==> flow/design.v <==
module dp_times_v2 (core_clk, RSTN, clk_en, dataa_i, datab_i, clear_i, res_o, vld_o);
  parameter integer XLEN = 64;
  input core_clk;
  input RSTN;
  input clk_en;
  input [XLEN-1:0] dataa_i;
  input [XLEN-1:0] datab_i;
  input clear_i;
  output [2*XLEN-1:0] res_o;
  output vld_o;
  localparam LOGN = $clog2(XLEN + 1);
  reg [XLEN-1:0] mcand;
  always @(posedge core_clk or negedge RSTN) begin
    if (~RSTN) begin
      mcand <= 0;
    end else if (clk_en) begin
      mcand <= clear_i ? dataa_i : mcand;
    end
  end
  reg [LOGN-1:0] steps;
  always @(posedge core_clk or negedge RSTN) begin
    if (~RSTN) begin
      steps <= 0;
    end else if (clk_en) begin
      steps <= clear_i ? XLEN : (steps != 0) ? steps - 1'b1 : steps;
    end
  end
  reg [2*XLEN-1:0] state;
  wire [XLEN:0] nxt;
  assign nxt = state[2*XLEN-1:XLEN] + (state[0] ? mcand : {XLEN{1'b0}});
  always @(posedge core_clk or negedge RSTN) begin
    if (~RSTN) begin
      state <= 0;
    end else if (clk_en) begin
      state <= clear_i ? {{XLEN{1'b0}}, datab_i} : (steps != 0) ? {nxt, state[XLEN-1:1]} : state;
    end
  end
  assign res_o = state;
  assign vld_o = (steps == 0);
endmodule
## Step by step through the tools: dp_times_v2

What the tools print for dp_times_v2, step after step.
Line numbers count from 1 in the design file above.
Operators: Yosys type, input widths -> output width; for muxes data width and select width s.
A cell with n/a has no value.

- Design top: dp_times_v2
- Clock: core_clk
- Standard-cell library: sky130hd
- Corner: tt_025C_1v80

## Elaborated design

Yosys after proc, flatten, opt, wreduce and memory -nomap, before mapping. Memory bits, and registers merged into a memory's read port (data or address), are not among the register bits. Print and check cells are not counted. Equal cells are merged and count once.

- Bits in registers: 199
- Input port bits: 132
- Output and inout bits: 129
- Cells after elaboration: 15

- Add/sub/neg operators: 2
- Mux-type cells: 5
- Reduce/logical cells: 5

Operators with widths:

| cell | number |
|---|---|
| $mux 128 | 2 |
| $add 64x64->65 | 1 |
| $mux 64 | 1 |
| $mux 7 | 2 |
| $sub 7x1->7 const B | 1 |
| $logic_not 7->1 | 1 |
| $reduce_bool 7->1 | 1 |
| $reduce_and 2->1 | 2 |
| $reduce_bool 2->1 | 1 |

## Logic depth

Depth = most cells in a row (Yosys ltp): at word level without a register or memory, in the mapped netlist without a sequential cell, where the memories' decode and read muxes count.

- Depth in word-level cells: 4
- ABC_AREA: 0
- Depth in mapped cells: 15

## Mapped cells and area

The flow's flattened synthesis, as Yosys stat reports it; memories are mapped. The netlist is that of the ABC_AREA named above (0 if unset); the other value can give another one.
Totals and module areas in this step are rounded.

- Cell count: 1413
- Mapped area: 12000 um^2
- Sequential part of the area: 5000 um^2
- Mapped flip-flops: 199
- Buffers: 82

Cells by type:

| cell type | number | area in all (um^2) |
|---|---|---|
| sky130_fd_sc_hd__dfrtp_1 | 199 | 4.98E+03 |
| sky130_fd_sc_hd__nand2_1 | 382 | 1.43E+03 |
| sky130_fd_sc_hd__ha_1 | 66 | 825.792 |
| sky130_fd_sc_hd__o21ai_0 | 162 | 810.778 |
| sky130_fd_sc_hd__mux2i_1 | 66 | 660.634 |
| sky130_fd_sc_hd__and2_1 | 72 | 450.432 |
| sky130_fd_sc_hd__a21oi_1 | 74 | 370.355 |
| sky130_fd_sc_hd__xnor2_1 | 31 | 271.51 |
| sky130_fd_sc_hd__xor2_1 | 31 | 271.51 |
| sky130_fd_sc_hd__clkbuf_1 | 63 | 236.477 |
| sky130_fd_sc_hd__a21o_1 | 28 | 210.202 |
| sky130_fd_sc_hd__nor2_1 | 38 | 142.637 |
| sky130_fd_sc_hd__nand4_1 | 21 | 131.376 |
| sky130_fd_sc_hd__o21bai_1 | 12 | 90.086 |
| sky130_fd_sc_hd__inv_1 | 16 | 60.058 |
| sky130_fd_sc_hd__nor3_1 | 12 | 60.058 |
| sky130_fd_sc_hd__nand3_1 | 11 | 55.053 |
| sky130_fd_sc_hd__a31oi_1 | 8 | 50.048 |

Not listed: further types 50, cells in them 121.

## Timing after synthesis

Path of least setup slack by OpenSTA after synthesis, without wires, with an ideal clock, recovery checks aside; 20% of the period is set as input and as output delay. Where synthesis merged equal registers, the netlist keeps one of their names.

- Kind: flip-flop to flip-flop
- Start: register state[0]
- End: register state[127]
- Period: 4.14 ns
- Launch time at the first pin: 0.000 ns
- Arrival: 3.186 ns
- Required time: 4.016 ns
- Path slack: 0.830 ns
- Delay of the path: 3.310 ns
- Stages on the path: 16
- Path buffers: 3
- Period reached after synthesis: 3.31 ns

"delay of the path" = arrival - input delay + setup time.
"stages on the path": output pins that drive a net of the path, with the launching flip-flop's if there is one; two outputs of one cell count as two.
"period reached after synthesis" = period - worst setup slack (recovery checks aside). The figure is calculated, with input and output delays left at 20% of the set period.
The rows between start and end are the longest chain of elaborated cells between them; the timing report does not say that the signal goes this way. Where chains are equally long, one stands for them.
Each line given opens the expression or statement behind the cell; cells for indexed reads and writes are added by Yosys, which also makes memories of some case tables.

- Cell sequence: sky130_fd_sc_hd__dfrtp_1 sky130_fd_sc_hd__clkbuf_1 sky130_fd_sc_hd__clkbuf_1 sky130_fd_sc_hd__and2_1 sky130_fd_sc_hd__ha_1 sky130_fd_sc_hd__buf_2 sky130_fd_sc_hd__a21oi_1 sky130_fd_sc_hd__o21ai_0 sky130_fd_sc_hd__a211oi_1 sky130_fd_sc_hd__o21ai_0 sky130_fd_sc_hd__o21bai_4 sky130_fd_sc_hd__a41oi_4 sky130_fd_sc_hd__o21ai_4 sky130_fd_sc_hd__a2111oi_4 sky130_fd_sc_hd__nor4_1 sky130_fd_sc_hd__a211o_1
- Length of the longest elaborated chain: 4
- Elaborated cells between the ends (all ways): 4
- Source lines of those cells: 2
- Classes of those cells: 1 x add/sub; 3 x mux

Ends and longest elaborated chain, after synthesis:

| element | line | source |
|---|---|---|
| start, declared | 28 | `reg [2*XLEN-1:0] state;` |
| start, assigned | 33 | `state <= 0;` |
| start, assigned | 35 | `state <= clear_i ? {{XLEN{1'b0}}, datab_i} : (steps != 0) ? {nxt, state[XLEN-1:1]} : state;` |
| $mux 64 | 30 | `assign nxt = state[2*XLEN-1:XLEN] + (state[0] ? mcand : {XLEN{1'b0}});` |
| $add 64x64->65 | 30 |  |
| $mux 128 x2 | 35 |  |
| end, assigned | 33 |  |
| end, assigned | 35 |  |
| end, declared | 28 |  |

## Worst path after layout

From the final timing report of run 1: the path of least setup slack in the routed layout; clock arrival at registers is part of the times.

- Kind: flip-flop to flip-flop
- Start: register state[0]
- End: register state[127]
- Period: 2.31 ns
- Launch time at the first pin: 0.46 ns
- Arrival: 3.69 ns
- Required time: 2.66 ns
- Path slack: -1.03 ns
- Stages on the path: 15
- Path buffers: 2

The rows between start and end are the longest chain of elaborated cells between them; the timing report does not say that the signal goes this way. Where chains are equally long, one stands for them.

- Cell sequence: sky130_fd_sc_hd__dfrtp_2 sky130_fd_sc_hd__buf_12 sky130_fd_sc_hd__buf_6 sky130_fd_sc_hd__and2_4 sky130_fd_sc_hd__ha_4 sky130_fd_sc_hd__a21oi_4 sky130_fd_sc_hd__nand2b_4 sky130_fd_sc_hd__nand4b_1 sky130_fd_sc_hd__a211oi_4 sky130_fd_sc_hd__o21bai_4 sky130_fd_sc_hd__a41oi_4 sky130_fd_sc_hd__o21ai_4 sky130_fd_sc_hd__a2111oi_4 sky130_fd_sc_hd__nor4_2 sky130_fd_sc_hd__a211o_1
- Length of the longest elaborated chain: 4
- Elaborated cells between the ends (all ways): 4
- Source lines of those cells: 2
- Classes of those cells: 1 x add/sub; 3 x mux

Ends and longest elaborated chain, post-layout:

| element | line | source |
|---|---|---|
| start, declared | 28 | `reg [2*XLEN-1:0] state;` |
| start, assigned | 33 | `state <= 0;` |
| start, assigned | 35 | `state <= clear_i ? {{XLEN{1'b0}}, datab_i} : (steps != 0) ? {nxt, state[XLEN-1:1]} : state;` |
| $mux 64 | 30 | `assign nxt = state[2*XLEN-1:XLEN] + (state[0] ? mcand : {XLEN{1'b0}});` |
| $add 64x64->65 | 30 |  |
| $mux 128 x2 | 35 |  |
| end, assigned | 33 |  |
| end, assigned | 35 |  |
| end, declared | 28 |  |

==> runs of dp_times_v2 <==
Measured results for dp_times_v2: 3 stored runs of the Yosys and OpenROAD flow on sky130hd. The settings differ; the order carries no meaning. The constraints put input and output delay at 20% of the set period each and load the outputs with 0.01 pF.
"achieved period" = clock period - worst setup slack. The figure is calculated, with input and output delays left at 20% of the set period.
"power": no workload was simulated; the value follows from the tool's default switching activity.
Values from the reports are rounded here.

### Run 1

Settings: `period_ns=2.31`, `CORE_UTILIZATION=44`, `PLACE_DENSITY_LB_ADDON=0.2`, `HOLD_SLACK_MARGIN=-0.07`, `CORE_ASPECT_RATIO=1.58`, `CELL_PAD_IN_SITES_GLOBAL_PLACEMENT=1`, `TNS_END_PERCENT=50`, `ABC_AREA=0`, `GPL_ROUTABILITY_DRIVEN=1`, `CTS_CLUSTER_SIZE=55`, `CTS_CLUSTER_DIAMETER=40`, `MAX_ROUTING_LAYER=met4`, `CAP_MARGIN=20`, `CORE_MARGIN=2`, `SLEW_MARGIN=20`

- Power: 0.013 W
- Achieved period: 3.335 ns
- Setup slack of the worst path: -1.0 ns
- Netlist area reported by Yosys: 12000 um^2
- Standard-cell area after layout: 19000 um^2
- Setup TNS: -37 ns
- Area of the die: 29000 um^2

### Run 2

Settings: `period_ns=4.14`, `CAP_MARGIN=20`, `CORE_MARGIN=2`, `CORE_UTILIZATION=40`, `SLEW_MARGIN=20`

- Netlist area reported by Yosys: 12000 um^2
- Achieved period: 3.668 ns
- Setup TNS: 0.000 ns
- Standard-cell area after layout: 16000 um^2
- Setup slack of the worst path: 0.47 ns
- Power: 0.0067 W
- Area of the die: 32000 um^2

### Run 3

Settings: `period_ns=3.82`, `CORE_UTILIZATION=34`, `PLACE_DENSITY_LB_ADDON=0.18`, `CORE_ASPECT_RATIO=0.79`, `CORE_MARGIN=9`, `CELL_PAD_IN_SITES_GLOBAL_PLACEMENT=1`, `CELL_PAD_IN_SITES_DETAIL_PLACEMENT=2`, `TNS_END_PERCENT=60`, `ABC_AREA=1`, `GPL_TIMING_DRIVEN=1`, `CTS_CLUSTER_DIAMETER=222`, `SLEW_MARGIN=0`, `MAX_ROUTING_LAYER=met4`, `CAP_MARGIN=20`

- Setup TNS: 0.000 ns
- Standard-cell area after layout: 18000 um^2
- Power: 0.0084 W
- Achieved period: 3.522 ns
- Area of the die: 50000 um^2
- Setup slack of the worst path: 0.30 ns
- Netlist area reported by Yosys: 14000 um^2
